==> flow/design.v <==
module switch_rtl #(
   parameter XLEN = 16,
   parameter NUM = 20
) (
   input  core_clk,
   input  reset,
   input  [NUM*XLEN-1:0] bus_in,
   input  [NUM-1:0] idx_in,
   output [XLEN-1:0] o_out
);
   reg [NUM*XLEN-1:0] bus_q;
   reg [NUM-1:0] idx_q;
   reg [XLEN-1:0] tmp;
   integer k;
   always @* begin
      tmp = 0;
      for (k = 0; k < NUM; k = k + 1)
         tmp = tmp | (bus_q[k*XLEN +: XLEN] & {XLEN{idx_q[k]}});
   end
   assign o_out = tmp;
   always @(posedge core_clk) begin
      if (reset) begin
         bus_q <= 0;
         idx_q <= 0;
      end else begin
         bus_q <= bus_in;
         idx_q <= idx_in;
      end
   end
endmodule
## Step by step through the tools: switch_rtl

Tool output for the design above, in the order of the flow.
Line numbers count from 1 in the design file above.
Operators: Yosys type, input widths -> output width; for muxes data width and select width s.
Not given: n/a

- Design top: switch_rtl
- Clock: core_clk
- Standard-cell library: sky130hd
- Timing corner: tt_025C_1v80

## Word level

Counts by Yosys on the flattened word-level netlist (proc, flatten, opt, wreduce; memories kept). Register bits leave out memories and registers merged into their read ports (data or address); mux counts leave out enables and synchronous resets folded into registers. Print and check cells are left out. Cells with the same type and inputs are merged into one.

- Register bits: 340
- Input port bits: 342
- Output and inout port bits: 16

- Bitwise operators: 39

Operator list:

| kind | number |
|---|---|
| $and 16x16->16 | 20 |
| $or 16x16->16 | 19 |

## Depth

Yosys ltp: most cells in a row. Word level: on the elaborated netlist, between registers, memories and ports. Mapped: between sequential cells and ports; inverters and the memories' decode and read muxes count.

- Word-level depth: 20
- ABC_AREA: 0
- Mapped depth: 6

## Netlist

The flow's flattened synthesis, as Yosys stat reports it; memories are mapped. The netlist is that of the ABC_AREA named above (0 if unset); the other value can give another one.
Totals and module areas in this step are rounded.

Cell types:

| cell type | number | total area (µm²) |
|---|---|---|
| sky130_fd_sc_hd__dfxtp_1 | 340 | 6.81E+03 |
| sky130_fd_sc_hd__nor2b_1 | 340 | 2127.04 |
| sky130_fd_sc_hd__a22o_1 | 64 | 560.538 |
| sky130_fd_sc_hd__a221oi_1 | 59 | 516.746 |
| sky130_fd_sc_hd__a22oi_1 | 32 | 240.23 |
| sky130_fd_sc_hd__clkbuf_1 | 50 | 187.68 |
| sky130_fd_sc_hd__buf_6 | 15 | 168.912 |
| sky130_fd_sc_hd__and3_1 | 16 | 100.096 |
| sky130_fd_sc_hd__nand4_1 | 16 | 100.096 |
| sky130_fd_sc_hd__a221oi_2 | 5 | 75.072 |
| sky130_fd_sc_hd__buf_2 | 13 | 65.062 |

- Cell count: 950
- Synthesis area: 10900 µm²
- Sequential area: 6810 µm²
- Flip-flops: 340
- Buffer cells: 78

## Worst setup path after synthesis

Path of least setup slack by OpenSTA after synthesis, without wires, with an ideal clock, recovery checks aside; 20% of the period is set as input and as output delay. Where synthesis merged equal registers, the netlist keeps one of their names.

- Kind: register -> output
- From: register idx_q[6]
- To: output o_out[2]
- Period: 1900 ps
- Launch time at the first pin: 0 ps
- Data arrival time: 1216 ps
- Required time: 1520 ps
- Slack: 304 ps
- Path delay: 1216 ps
- Stages: 7
- Synthesis period reached: 1596 ps

"path delay" = arrival - input delay + setup time.
A path that ends at an output port has no setup time.
"stages": output pins that drive a net of the path, with the launching flip-flop's if there is one; two outputs of one cell count as two.
"synthesis period reached" is the clock period less the worst setup slack; recovery checks do not enter. This is arithmetic on one report: input and output delays are still those of the set period (20% each).
The rows between start and end are the longest chain of elaborated cells between them; the timing report does not say that the signal goes this way. Where chains are equally long, one stands for them.
A line is the first line of the expression or statement that the cell stems from. Yosys adds cells for indexed reads and writes and turns some case tables into memories.

- Cell sequence: sky130_fd_sc_hd__dfxtp_1 sky130_fd_sc_hd__buf_6 sky130_fd_sc_hd__buf_6 sky130_fd_sc_hd__a22o_1 sky130_fd_sc_hd__a221oi_1 sky130_fd_sc_hd__and3_1 sky130_fd_sc_hd__nand4_1
- Cells in the longest elaborated chain: 15
- Elaborated cells between the ends (all ways): 15
- Classes of those cells: 15 x logic

RTL lines, path after synthesis:

| item | RTL line | source |
|---|---|---|
| start, declared | 12 | `reg [NUM-1:0] idx_q;` |
| start, assigned | 24 | `idx_q <= 0;` |
| start, assigned | 27 | `idx_q <= idx_in;` |
| $and 16x16->16 | 18 | `tmp = tmp \| (bus_q[k*XLEN +: XLEN] & {XLEN{idx_q[k]}});` |
| $or 16x16->16 x14 | 18 |  |
| end, declared | 9 | `output [XLEN-1:0] o_out` |

## Path in the finished layout

Path of least setup slack in the final report of run 1 (OpenROAD, finished layout, wires in). Where an end is a register, its clock arrival counts in the times.
The path's times are printed in steps of 10 ps; the period is the one set.

- Kind: register -> output
- From: register idx_q[6]
- To: output o_out[10]
- Period: 981 ps
- Launch time at the first pin: 530 ps
- Data arrival time: 2190 ps
- Required time: 780 ps
- Slack: -1400 ps
- Stages: 9

The rows between start and end are the longest chain of elaborated cells between them; the timing report does not say that the signal goes this way. Where chains are equally long, one stands for them.

- Cell sequence: sky130_fd_sc_hd__dfxtp_4 sky130_fd_sc_hd__buf_12 sky130_fd_sc_hd__buf_12 sky130_fd_sc_hd__a22o_1 sky130_fd_sc_hd__a221oi_2 sky130_fd_sc_hd__buf_4 sky130_fd_sc_hd__and3_4 sky130_fd_sc_hd__nand4_1 sky130_fd_sc_hd__buf_2
- Cells in the longest elaborated chain: 15
- Elaborated cells between the ends (all ways): 15
- Classes of those cells: 15 x logic

RTL lines, path after layout:

| item | RTL line | source |
|---|---|---|
| start, declared | 12 | `reg [NUM-1:0] idx_q;` |
| start, assigned | 24 | `idx_q <= 0;` |
| start, assigned | 27 | `idx_q <= idx_in;` |
| $and 16x16->16 | 18 | `tmp = tmp \| (bus_q[k*XLEN +: XLEN] & {XLEN{idx_q[k]}});` |
| $or 16x16->16 x14 | 18 |  |
| end, declared | 9 | `output [XLEN-1:0] o_out` |

Subject: flow runs of switch_rtl

Hi,

Record of 3 stored runs of the RTL-to-layout flow on switch_rtl, platform sky130hd. The runs are unordered. Constraints: input delay and output delay 20% of the set period each, output load 0.01 pF.
By "achieved clock period" is meant the clock period of the run minus its worst setup slack. This is arithmetic on one report: input and output delays are still those of the set period (20% each).
"worst setup path time" is the time allowed to the run's worst setup path (the clock period less input and output delay, where it has them) less its slack. Clock arrival times count: a late capture clock shortens it, a late launch clock lengthens it.
"power" is the tool's figure for a default switching activity; nothing was simulated.
"worst setup path time" is given in steps of 10 ps.
The measured numbers are rounded.

### Run 1

Settings: `period_ns=0.981`, `CORE_UTILIZATION=49`, `SETUP_SLACK_MARGIN=-0.05`, `PLACE_DENSITY_LB_ADDON=0.18`, `CORE_ASPECT_RATIO=0.57`, `CELL_PAD_IN_SITES_DETAIL_PLACEMENT=0`, `ABC_AREA=0`, `CAP_MARGIN=20`, `CORE_MARGIN=2`, `SLEW_MARGIN=20`

- Chip area in the Yosys report: 10900 µm²
- Standard-cell area after routing: 16500 µm²
- Die outline area: 23600 µm²
- Smallest hold slack: 210 ps
- Power: 29700 µW
- Worst setup path time: 2190 ps
- Critical path kind: register -> output
- Achieved clock period: 2382 ps
- Setup slack of the worst path: -1400 ps

### Run 2

Settings: `period_ns=2.3`, `CORE_UTILIZATION=56`, `PLACE_DENSITY_LB_ADDON=0.18`, `CORE_MARGIN=7`, `CELL_PAD_IN_SITES_GLOBAL_PLACEMENT=3`, `TNS_END_PERCENT=5`, `GPL_ROUTABILITY_DRIVEN=1`, `CTS_CLUSTER_DIAMETER=30`, `MIN_ROUTING_LAYER=met1`, `MAX_ROUTING_LAYER=met4`, `CAP_MARGIN=20`, `SLEW_MARGIN=20`

No final report: placement broke off with FLW-0024.

### Run 3

Settings: `period_ns=1.9`, `CAP_MARGIN=20`, `CORE_MARGIN=2`, `CORE_UTILIZATION=40`, `SLEW_MARGIN=20`

- Chip area in the Yosys report: 10900 µm²
- Standard-cell area after routing: 16900 µm²
- Die outline area: 28700 µm²
- Smallest hold slack: 325 ps
- Power: 16500 µW
- Worst setup path time: 2080 ps
- Critical path kind: register -> output
- Achieved clock period: 2459 ps
- Setup slack of the worst path: -559 ps

Regards
